==> flow/design.v <==
module u_storage (i_clk, nrst, valid, i_load, i_wr_addr, i_wr_data, i_rd_idx_a, i_rd_idx_b, o_dout_a, o_dout_b);
    parameter NUM_REGS = 96;
    parameter BITS = 2;
    localparam AWIDTH = $clog2(NUM_REGS);
    input i_clk;
    input nrst;
    input valid;
    input i_load;
    input [AWIDTH-1:0] i_wr_addr;
    input [BITS-1:0] i_wr_data;
    input [AWIDTH-1:0] i_rd_idx_a;
    input [AWIDTH-1:0] i_rd_idx_b;
    output [BITS-1:0] o_dout_a;
    output [BITS-1:0] o_dout_b;
    reg [BITS-1:0] ram [0:NUM_REGS-1];
    always @(posedge i_clk) begin
        if (valid && i_load && i_wr_addr != 0)
            ram[i_wr_addr] <= i_wr_data;
    end
    reg [BITS-1:0] dout_a_ff;
    assign o_dout_a = dout_a_ff;
    reg [BITS-1:0] dout_b_ff;
    assign o_dout_b = dout_b_ff;
    always @(posedge i_clk or negedge nrst) begin
        if (~nrst) begin
            dout_a_ff <= 0;
            dout_b_ff <= 0;
        end else if (valid) begin
            dout_a_ff <= (i_rd_idx_a == 0) ? {BITS{1'b0}} : ram[i_rd_idx_a];
            dout_b_ff <= (i_rd_idx_b == 0) ? {BITS{1'b0}} : ram[i_rd_idx_b];
        end
    end
endmodule
Reports on u_storage
Module u_storage in several versions that differ in "BITS"; each step lists the members.
The file above is the member BITS 2. Line numbers count from 1 in each member's own file.
Operators: Yosys type, input widths -> output width; for muxes data width and select width s.
Library cell names are shortened.
A cell with -- has no value.
- top module: u_storage
- clock port: i_clk
- standard-cell library: sky130hd
- timing corner: tt_025C_1v80

Members of the sweep
New or changed lines of each further member against the RTL above, in its own file; lines it lacks are not shown.
- new or changed lines (BITS ; RTL line ; text):
    4 ; 3 ; parameter BITS = 4;
    6 ; 3 ; parameter BITS = 6;
    10 ; 3 ; parameter BITS = 10;
    12 ; 3 ; parameter BITS = 12;

Word level
Counts by Yosys on the flattened word-level netlist (proc, flatten, opt, wreduce; memories kept). Register bits leave out memories and registers merged into their read ports (data or address); mux counts leave out enables and synchronous resets folded into registers. Print and check cells are left out. Cells with the same type and inputs are merged into one.
Yosys's memory passes give these memory sizes; they may raise the number of words (mostly to a power of two), join words into wider ones and drop unused or constant bits.
- bit counts (BITS ; bits in registers ; bits in latches ; memory bits (writable) ; memory bits (read-only) ; word width x clocked read ports ; memories ; input port bits):
    2 ; 4 ; 0 ; 192 ; 0 ; 0 ; 1 ; 27
    4 ; 8 ; 0 ; 384 ; 0 ; 0 ; 1 ; 29
    6 ; 12 ; 0 ; 576 ; 0 ; 0 ; 1 ; 31
    10 ; 20 ; 0 ; 960 ; 0 ; 0 ; 1 ; 35
    12 ; 24 ; 0 ; 1152 ; 0 ; 0 ; 1 ; 37
- memories (BITS ; words x width with read and write ports):
    2 ; ram 96 x 2 bit 2R1W
    4 ; ram 96 x 4 bit 2R1W
    6 ; ram 96 x 6 bit 2R1W
    10 ; ram 96 x 10 bit 2R1W
    12 ; ram 96 x 12 bit 2R1W
- operators by class (BITS ; add/subtract/negate cells ; multipliers ; divide/modulo/power cells ; order comparisons ; eq/ne operators ; shift operators ; mux-type cells ; bitwise logic cells ; reductions and logical operators):
    2 ; 0 ; 0 ; 0 ; 0 ; 0 ; 0 ; 5 ; 0 ; 5
    4 ; 0 ; 0 ; 0 ; 0 ; 0 ; 0 ; 5 ; 0 ; 5
    6 ; 0 ; 0 ; 0 ; 0 ; 0 ; 0 ; 5 ; 0 ; 5
    10 ; 0 ; 0 ; 0 ; 0 ; 0 ; 0 ; 5 ; 0 ; 5
    12 ; 0 ; 0 ; 0 ; 0 ; 0 ; 0 ; 5 ; 0 ; 5
- operators with widths (BITS ; kinds with counts):
    2 ; $logic_not 7->1: 2; $reduce_bool 7->1: 1; $mux 7: 1; $mux 2: 3; $logic_and 1x1->1: 2; $mux 1: 1
    4 ; $logic_not 7->1: 2; $mux 4: 3; $reduce_bool 7->1: 1; $mux 7: 1; $logic_and 1x1->1: 2; $mux 1: 1
    6 ; $mux 6: 3; $logic_not 7->1: 2; $reduce_bool 7->1: 1; $mux 7: 1; $logic_and 1x1->1: 2; $mux 1: 1
    10 ; $mux 10: 3; $logic_not 7->1: 2; $reduce_bool 7->1: 1; $mux 7: 1; $logic_and 1x1->1: 2; $mux 1: 1
    12 ; $mux 12: 3; $logic_not 7->1: 2; $reduce_bool 7->1: 1; $mux 7: 1; $logic_and 1x1->1: 2; $mux 1: 1

Depth
Yosys ltp: most cells in a row. Word level: on the elaborated netlist, between registers, memories and ports. Mapped: between sequential cells and ports; inverters and the memories' decode and read muxes count.
- logic depth (BITS ; depth after elaboration ; ABC_AREA ; mapped depth):
    2 ; 3 ; 0 ; 9
    4 ; 3 ; 0 ; 11
    6 ; 3 ; 0 ; 11
    10 ; 3 ; 0 ; 12
    12 ; 3 ; 0 ; 12

Netlist
Yosys stat after the flow's synthesis: flattened, memories mapped to cells. It holds for the ABC_AREA given above (unset counts as 0); a run with the other value may have another netlist.
The area totals of this step are shown rounded.
- cells by type (BITS ; type and count):
    2 ; edfxtp_1: 192; mux4_2: 83; mux4_1: 18; nor2_1: 105; mux2i_1: 13; nor2b_1: 19; dfrtp_1: 4; buf_2: 18; nand2_1: 23; nand3_1: 14; mux2_2: 6; clkbuf_1: 16; buf_4: 7; nand3b_1: 7; a211oi_1: 6; buf_12: 2; a2111oi_0: 4; or4_1: 4; [+52]
    4 ; edfxtp_1: 384; mux4_2: 170; mux2i_1: 57; nor2_1: 123; nand2_1: 69; mux4_1: 8; dfrtp_1: 8; buf_2: 28; nand3_1: 26; o22ai_1: 20; buf_4: 15; nor2b_1: 16; clkbuf_1: 22; a211oi_1: 10; a21oi_1: 15; nor3_1: 14; buf_6: 6; mux2_2: 6; [+101]
    6 ; edfxtp_1: 576; mux4_2: 210; mux2i_1: 180; nor2_1: 131; dfrtp_1: 12; o22ai_1: 44; nand2_1: 73; a22oi_1: 34; buf_4: 32; buf_6: 21; nor2b_1: 29; buf_2: 27; nand3_1: 23; a21oi_1: 22; a32oi_1: 11; o221ai_1: 11; clkbuf_1: 24; a41oi_1: 9; [+177]
    10 ; edfxtp_1: 960; mux4_2: 334; mux2i_1: 349; a22oi_1: 79; nor2_1: 134; dfrtp_1: 20; nand2_1: 118; buf_4: 57; o22ai_1: 68; buf_2: 60; mux2_2: 24; clkbuf_1: 60; nand3_1: 43; o221ai_1: 20; o21ai_0: 32; nor2b_1: 25; a211oi_1: 18; a21oi_1: 24; [+221]
    12 ; edfxtp_1: 1152; mux4_2: 422; mux2i_1: 353; a22oi_1: 99; dfrtp_1: 24; o22ai_1: 94; nor2_1: 143; nand2_1: 132; buf_6: 40; buf_4: 51; buf_2: 72; nand3_1: 49; mux2_2: 21; o211ai_1: 27; nor2b_1: 32; a211oi_1: 26; clkbuf_1: 51; nand4_1: 30; [+285]
A list marked [+n] leaves out that many cells.
- mapped netlist (BITS ; cells in the netlist ; chip area (Yosys) (mm²) ; area of sequential cells (mm²) ; mapped flip-flops):
    2 ; 593 ; 0.0098 ; 0.0059 ; 196
    4 ; 1098 ; 0.019 ; 0.012 ; 392
    6 ; 1646 ; 0.028 ; 0.018 ; 588
    10 ; 2646 ; 0.046 ; 0.029 ; 980
    12 ; 3103 ; 0.055 ; 0.035 ; 1176

Worst setup path after synthesis
Source: OpenSTA report_checks on the synthesized netlist (no wires, ideal clock, input and output delay 20% of the period each), path of least setup slack; recovery checks are left aside. Register names are those of the netlist, which keeps one name where synthesis merged equal registers.
- timing path post-synthesis (BITS ; path type ; start ; end ; clock period (ns) ; path slack (ns) ; driving pins on the path ; path delay (ns) ; synthesis period reached (ns)):
    2 ; input -> register ; in i_rd_idx_a[1] ; reg dout_a_ff[1] ; 2.88 ; 0.459 ; 8 ; 1.845 ; 2.421
    4 ; input -> register ; in i_rd_idx_b[0] ; reg dout_b_ff[2] ; 2.82 ; 0.449 ; 7 ; 1.808 ; 2.371
    6 ; input -> register ; in i_rd_idx_a[1] ; reg dout_a_ff[3] ; 2.91 ; 0.464 ; 7 ; 1.864 ; 2.446
    10 ; input -> register ; in i_rd_idx_a[0] ; reg dout_a_ff[3] ; 3.01 ; 0.479 ; 9 ; 1.929 ; 2.531
    12 ; input -> register ; in valid ; mem ram[30][0] ; 2.8 ; 0.450 ; 6 ; 1.790 ; 2.35
"path delay" = arrival - input delay + setup time.
"driving pins on the path": output pins that drive a net of the path, with the launching flip-flop's if there is one; two outputs of one cell count as two.
"synthesis period reached" is the clock period less the worst setup slack; recovery checks do not enter. This is arithmetic on one report: input and output delays are still those of the set period (20% each).
The rows between start and end are the longest chain of elaborated cells between them; the timing report does not say that the signal goes this way. Where chains are equally long, one stands for them.
A line is the first line of the expression or statement that the cell stems from. Yosys adds cells for indexed reads and writes and turns some case tables into memories.
The chain passes a memory read, where the word-level depth is cut; so it can be longer than that depth.
Between the ends, post-synthesis, BITS 2:
- noted length of the longest elaborated chain: 2
- ends and longest elaborated chain, post-synthesis, BITS 2 (element ; RTL line ; text):
    start: declaration ; 11 ; input [AWIDTH-1:0] i_rd_idx_a;
    $mem_v2 96x2 ; 15 ; reg [BITS-1:0] ram [0:NUM_REGS-1];
    $mux 2 ; 29 ; dout_a_ff <= (i_rd_idx_a == 0) ? {BITS{1'b0}} : ram[i_rd_idx_a];
    end: assignment ; 26 ; dout_a_ff <= 0;
    end: assignment ; 29 ;
    end: declaration ; 20 ; reg [BITS-1:0] dout_a_ff;
BITS 12: The path ends at the enable pin of a flip-flop; only ways to that pin are counted.
Between the ends, post-synthesis, BITS 12:
- noted length of the longest elaborated chain: 3
- ends and longest elaborated chain, post-synthesis, BITS 12 (element ; RTL line ; text):
    start: declaration ; 7 ; input valid;
    $logic_and 1x1->1 (2 in a row) ; 17 ; if (valid && i_load && i_wr_addr != 0)
    $mux 7 ; 17 ;
    end: declaration ; 15 ; reg [BITS-1:0] ram [0:NUM_REGS-1];

Timing after layout
From the final timing report of the run of each member: the path of least setup slack in the routed layout; clock arrival at registers is part of the times.
- timing path after layout (BITS ; path type ; start ; end ; clock period (ns) ; path slack (ns) ; driving pins on the path ; arrival time (ns) ; path buffers):
    2 ; input -> register ; in i_rd_idx_a[2] ; reg dout_a_ff[0] ; 2.88 ; 0.38 ; 9 ; 2.77 ; 3
    4 ; input -> register ; in i_rd_idx_b[0] ; reg dout_b_ff[1] ; 2.82 ; 0.49 ; 9 ; 2.76 ; 3
    6 ; input -> register ; in i_rd_idx_a[3] ; reg dout_a_ff[5] ; 2.91 ; 0.30 ; 9 ; 3.10 ; 3
    10 ; input -> register ; in i_rd_idx_a[6] ; reg dout_a_ff[1] ; 3.01 ; 0.03 ; 7 ; 3.54 ; 1
    12 ; input -> register ; in i_rd_idx_b[4] ; reg dout_b_ff[3] ; 2.8 ; 0.04 ; 8 ; 3.46 ; 2

Layout results
Settings and results of one run of the flow (Yosys, OpenROAD) for each member follow. The constraints put input and output delay at 20% of the set period each and load the outputs with 0.01 pF.
- CAP_MARGIN: 20
- noted CORE_MARGIN: 2
- noted CORE_UTILIZATION: 40
- noted SLEW_MARGIN: 20
- settings that differ (BITS ; period_ns):
    2 ; 2.88
    4 ; 2.82
    6 ; 2.91
    10 ; 3.01
    12 ; 2.8
- measured results (BITS ; synthesized cell area (mm²) ; die outline area (mm²) ; standard-cell area of the final layout (mm²) ; post-layout utilization ; setup slack of the worst path (ns) ; sum of negative setup slack (ns) ; power consumption (uW) ; period achieved (ns)):
    2 ; 0.0098 ; 0.026 ; 0.011 ; 0.47 ; 0.38 ; 0.000 ; 6000 ; 2.499
    4 ; 0.019 ; 0.049 ; 0.022 ; 0.47 ; 0.49 ; 0.000 ; 13000 ; 2.328
    6 ; 0.028 ; 0.072 ; 0.033 ; 0.48 ; 0.30 ; 0.000 ; 19000 ; 2.608
    10 ; 0.046 ; 0.12 ; 0.056 ; 0.49 ; 0.029 ; 0.000 ; 32000 ; 2.981
    12 ; 0.055 ; 0.14 ; 0.068 ; 0.49 ; 0.039 ; 0.000 ; 41000 ; 2.761
"period achieved": clock period set for the run, less the worst setup slack. It is reckoned from that one timing run; input and output delays stay at 20% of the period that was set.
"power consumption" rests on the timing tool's default activity at the inputs, not on a simulated workload.
Values from the reports are rounded here.
